==> flow/design.v <==
module cpu_mul_core #(
    parameter integer DW = 7
) (
    input logic ck,
    input logic rst_n,
    input logic adv,
    input logic [DW-1:0] opa,
    input logic [DW-1:0] opb,
    output logic [2*DW-1:0] q
);
    always_ff @(posedge ck or negedge rst_n) begin
        if (~rst_n) begin
            q <= 0;
        end else if (adv) begin
            q <= opa * opb;
        end
    end
endmodule
Hand-over note for cpu_mul_core

Tool chain data of cpu_mul_core
Tool output for the members of one design family, told apart by "DW", in the order of the flow.
The file above is the member DW = 7. Line numbers count from 1 in each member's own file.
Library cell names are shortened.
{ "inputs": {"design": "cpu_mul_core", "clock": "ck", "lib": "sky130hd", "corner": "tt_025C_1v80"} }

Source of the members
New or changed lines of each further member against the RTL above, in its own file; lines it lacks are not shown.
{ "changed_lines": {"columns": ["DW", "line", "text"], "rows": [
  [8, 2, "parameter integer DW = 8"],
  [12, 2, "parameter integer DW = 12"],
  [22, 2, "parameter integer DW = 22"],
  [28, 2, "parameter integer DW = 28"]
]} }

Elaborated design
Yosys after proc, flatten, opt, wreduce and memory -nomap, before mapping. Enables and synchronous resets that opt folds into registers are not counted as muxes. Memory bits, and registers merged into a memory's read port (data or address), are not among the register bits. Print and check cells are not counted. Equal cells are merged and count once.
{ "bits": {"columns": ["DW", "register_bits", "inputBits", "output_inout_bits", "elab_cells"], "rows": [
  [7, 14, 17, 14, 2],
  [8, 16, 19, 16, 2],
  [12, 24, 27, 24, 2],
  [22, 44, 47, 44, 2],
  [28, 56, 59, 56, 2]
]} }
{ "op_classes": {"columns": ["DW", "n_mul"], "rows": [
  [7, 1],
  [8, 1],
  [12, 1],
  [22, 1],
  [28, 1]
]} }
{ "op_table": {"columns": ["DW", "op_list"], "rows": [
  [7, "7-bit by 7-bit multiplier with 14-bit output (1)"],
  [8, "8-bit by 8-bit multiplier with 16-bit output (1)"],
  [12, "12-bit by 12-bit multiplier with 24-bit output (1)"],
  [22, "22-bit by 22-bit multiplier with 44-bit output (1)"],
  [28, "28-bit by 28-bit multiplier with 56-bit output (1)"]
]} }

Longest topological paths
Longest topological path by Yosys (ltp), each cell counted once; first at word level (registers and memories cut), then after technology mapping (sequential cells cut; the memories' decode and read muxes count).
{ "depth": {"columns": ["DW", "ltp_word", "abc_area", "depth_mapped", "ltp_nobuf"], "rows": [
  [7, 1, 0, 14, 14],
  [8, 1, 0, 15, 15],
  [12, 1, 0, 19, 18],
  [22, 1, 0, 24, 21],
  [28, 1, 0, 28, 25]
]} }

Netlist
Source: synth_stat.txt of the flow (Yosys; design flattened, memories mapped). It holds for the ABC_AREA given above (unset counts as 0); a run with the other value may have another netlist.
The area totals of this step are shown rounded.
{ "synth_totals": {"columns": ["DW", "stdcells", "synth_area_mm2", "seqArea_mm2", "ff_cells"], "rows": [
  [7, 234, 0.00216, 0.00035, 14],
  [8, 279, 0.00269, 0.0004, 16],
  [12, 645, 0.00571, 0.000601, 24],
  [22, 1964, 0.0177, 0.0011, 44],
  [28, 3130, 0.0281, 0.0014, 56]
]} }
{ "types": {"columns": ["DW", "cell_types"], "rows": [
  [7, "fa_1 (24); ha_1 (32); dfrtp_1 (14); and2_1 (25); nand2_1 (30); inv_1 (29); mux2_2 (5); a21oi_1 (8); o21ai_0 (8); xnor2_1 (3); nand3_1 (5); nand4_1 (4); nor2b_1 (4); a211oi_1 (3); a21o_1 (3); o311ai_2 (1); buf_2 (3); o211ai_1 (2); (+31)"],
  [8, "fa_1 (36); ha_1 (36); dfrtp_1 (16); and2_1 (45); inv_1 (51); mux2_2 (10); nand2_1 (27); xnor2_1 (6); a21oi_1 (8); o211ai_2 (3); a21o_1 (4); mux2i_1 (3); xor2_1 (3); o21ai_0 (4); a21oi_2 (2); o311ai_2 (1); mux2_4 (1); a211oi_2 (1); (+22)"],
  [12, "fa_1 (100); ha_1 (62); dfrtp_1 (24); inv_1 (140); nand2_1 (110); and2_1 (55); mux2_2 (11); clkbuf_1 (28); a21o_1 (9); o21ai_0 (11); xnor2_1 (6); a21oi_1 (10); nor2_1 (11); a211oi_1 (5); o21a_1 (5); a211o_1 (4); nand3_1 (7); o2111ai_4 (1); (+46)"],
  [22, "fa_1 (397); ha_1 (159); inv_1 (380); and2_1 (222); nand2_1 (312); dfrtp_1 (44); clkbuf_1 (103); a21oi_1 (58); mux2_2 (25); o21ai_0 (32); a21o_1 (21); xnor2_1 (17); nor2_1 (37); xor2_1 (12); nand4_1 (16); nand3_1 (16); o211ai_1 (8); o21a_1 (7); (+98)"],
  [28, "fa_1 (674); inv_1 (783); ha_1 (210); and2_1 (408); nand2_1 (432); dfrtp_1 (56); clkbuf_1 (191); mux2_2 (43); a21oi_1 (58); xnor2_1 (29); a21o_1 (24); xor2_1 (15); nand4_1 (19); o21bai_1 (14); nor2_1 (26); o21ai_0 (18); o221ai_1 (8); a221oi_2 (4); (+118)"]
]} }
A list marked (+n) leaves out that many cells.

Path before layout
OpenSTA on the mapped netlist: ideal clock, no wires. The path of least setup slack (recovery checks aside). Input and output delay are each 20% of the period. Register names are those of the netlist, which keeps one name where synthesis merged equal registers.
{ "synth_path": {"columns": ["DW", "path_type", "from", "to", "tclk_ps", "path_slack_ps", "driving_pins", "delay_ps", "synth_period_reached_ps"], "rows": [
  [7, "input to register", "input opa[0]", "register q[9]", 5380, 859, 13, 3446, 4521],
  [8, "input to register", "input opb[4]", "register q[14]", 5740, 919, 15, 3673, 4821],
  [12, "input to register", "input opb[3]", "register q[18]", 7420, 1185, 19, 4752, 6235],
  [22, "input to register", "input opa[15]", "register q[27]", 9060, 1451, 22, 5798, 7609],
  [28, "input to register", "input opa[22]", "register q[40]", 10200, 1636, 26, 6524, 8564]
]} }
"delay_ps" is the arrival time less input delay plus setup time.
"driving_pins" counts driving pins, that of a launching flip-flop among them; a cell with two outputs on the path counts twice.
"synth_period_reached_ps" = period - worst setup slack (recovery checks aside). The figure is calculated, with input and output delays left at 20% of the set period.
The rows between start and end are the longest chain of elaborated cells between them; the timing report does not say that the signal goes this way. Where chains are equally long, one stands for them.
Each line given opens the expression or statement behind the cell; cells for indexed reads and writes are added by Yosys, which also makes memories of some case tables.
{ "synth_via_DW_7": {"elab_chain_len": 1} }
{ "synth_rtl_DW_7": {"columns": ["item", "line", "text"], "rows": [
  ["start: declaration", 7, "input logic [DW-1:0] opa,"],
  ["7-bit by 7-bit multiplier with 14-bit output", 15, "q <= opa * opb;"],
  ["end: assignment", 13, "q <= 0;"],
  ["end: assignment", 15, null],
  ["end: declaration", 9, "output logic [2*DW-1:0] q"]
]} }
{ "synth_via_DW_28": {"elab_chain_len": 1} }
{ "synth_rtl_DW_28": {"columns": ["item", "line", "text"], "rows": [
  ["start: declaration", 7, "input logic [DW-1:0] opa,"],
  ["28-bit by 28-bit multiplier with 56-bit output", 15, "q <= opa * opb;"],
  ["end: assignment", 13, "q <= 0;"],
  ["end: assignment", 15, null],
  ["end: declaration", 9, "output logic [2*DW-1:0] q"]
]} }

Timing after layout
Path of least setup slack in the final report of each member's run (OpenROAD, finished layout, wires in). Where an end is a register, its clock arrival counts in the times.
The report prints the path's times to 10 ps; the period is as set.
{ "layout_path": {"columns": ["DW", "path_type", "from", "to", "tclk_ps", "path_slack_ps", "driving_pins", "arrival_ps"], "rows": [
  [7, "input to register", "input opb[5]", "register q[9]", 5380, 330, 14, 5190],
  [8, "input to register", "input opb[4]", "register q[14]", 5740, 350, 16, 5520],
  [12, "input to register", "input opb[3]", "register q[18]", 7420, 650, 19, 6920],
  [22, "input to register", "input opb[8]", "register q[26]", 9060, 500, 19, 8740],
  [28, "input to register", "input opa[9]", "register q[53]", 10200, 710, 23, 9690]
]} }

Flow runs
One run of the flow (Yosys, OpenROAD) for each member, with settings and measured results. Input and output delays are each 20% of the period that was set; the output load is 0.01 pF.
{ "flow_settings": {"CAP_MARGIN": 20, "CORE_MARGIN": 2, "CORE_UTILIZATION": 40, "SLEW_MARGIN": 20} }
{ "settings_by_member": {"columns": ["DW", "period_ns"], "rows": [
  [7, 5.38],
  [8, 5.74],
  [12, 7.42],
  [22, 9.06],
  [28, 10.2]
]} }
{ "measured": {"columns": ["DW", "synthesis_area_mm2", "die_area_mm2", "post_route_stdcell_area_mm2", "fin_util_pct", "setup_worst_slack_ps", "setupTns_ps", "hold_ws_ps", "achieved_period_ps"], "rows": [
  [7, 0.00216, 0.00602, 0.00267, 51.6, 325, 0, 505, 5055],
  [8, 0.00269, 0.0074, 0.00322, 50.1, 353, 0, 503, 5387],
  [12, 0.00571, 0.0153, 0.00648, 46.5, 647, 0, 498, 6773],
  [22, 0.0177, 0.0459, 0.0194, 44.2, 498, 0, 501, 8562],
  [28, 0.0281, 0.0725, 0.0306, 43.8, 706, 0, 508, 9494]
]} }
"achieved_period_ps" is the run's clock period less its worst setup slack. It is reckoned from that one timing run; input and output delays stay at 20% of the period that was set.
The measured numbers are rounded.

End of note.
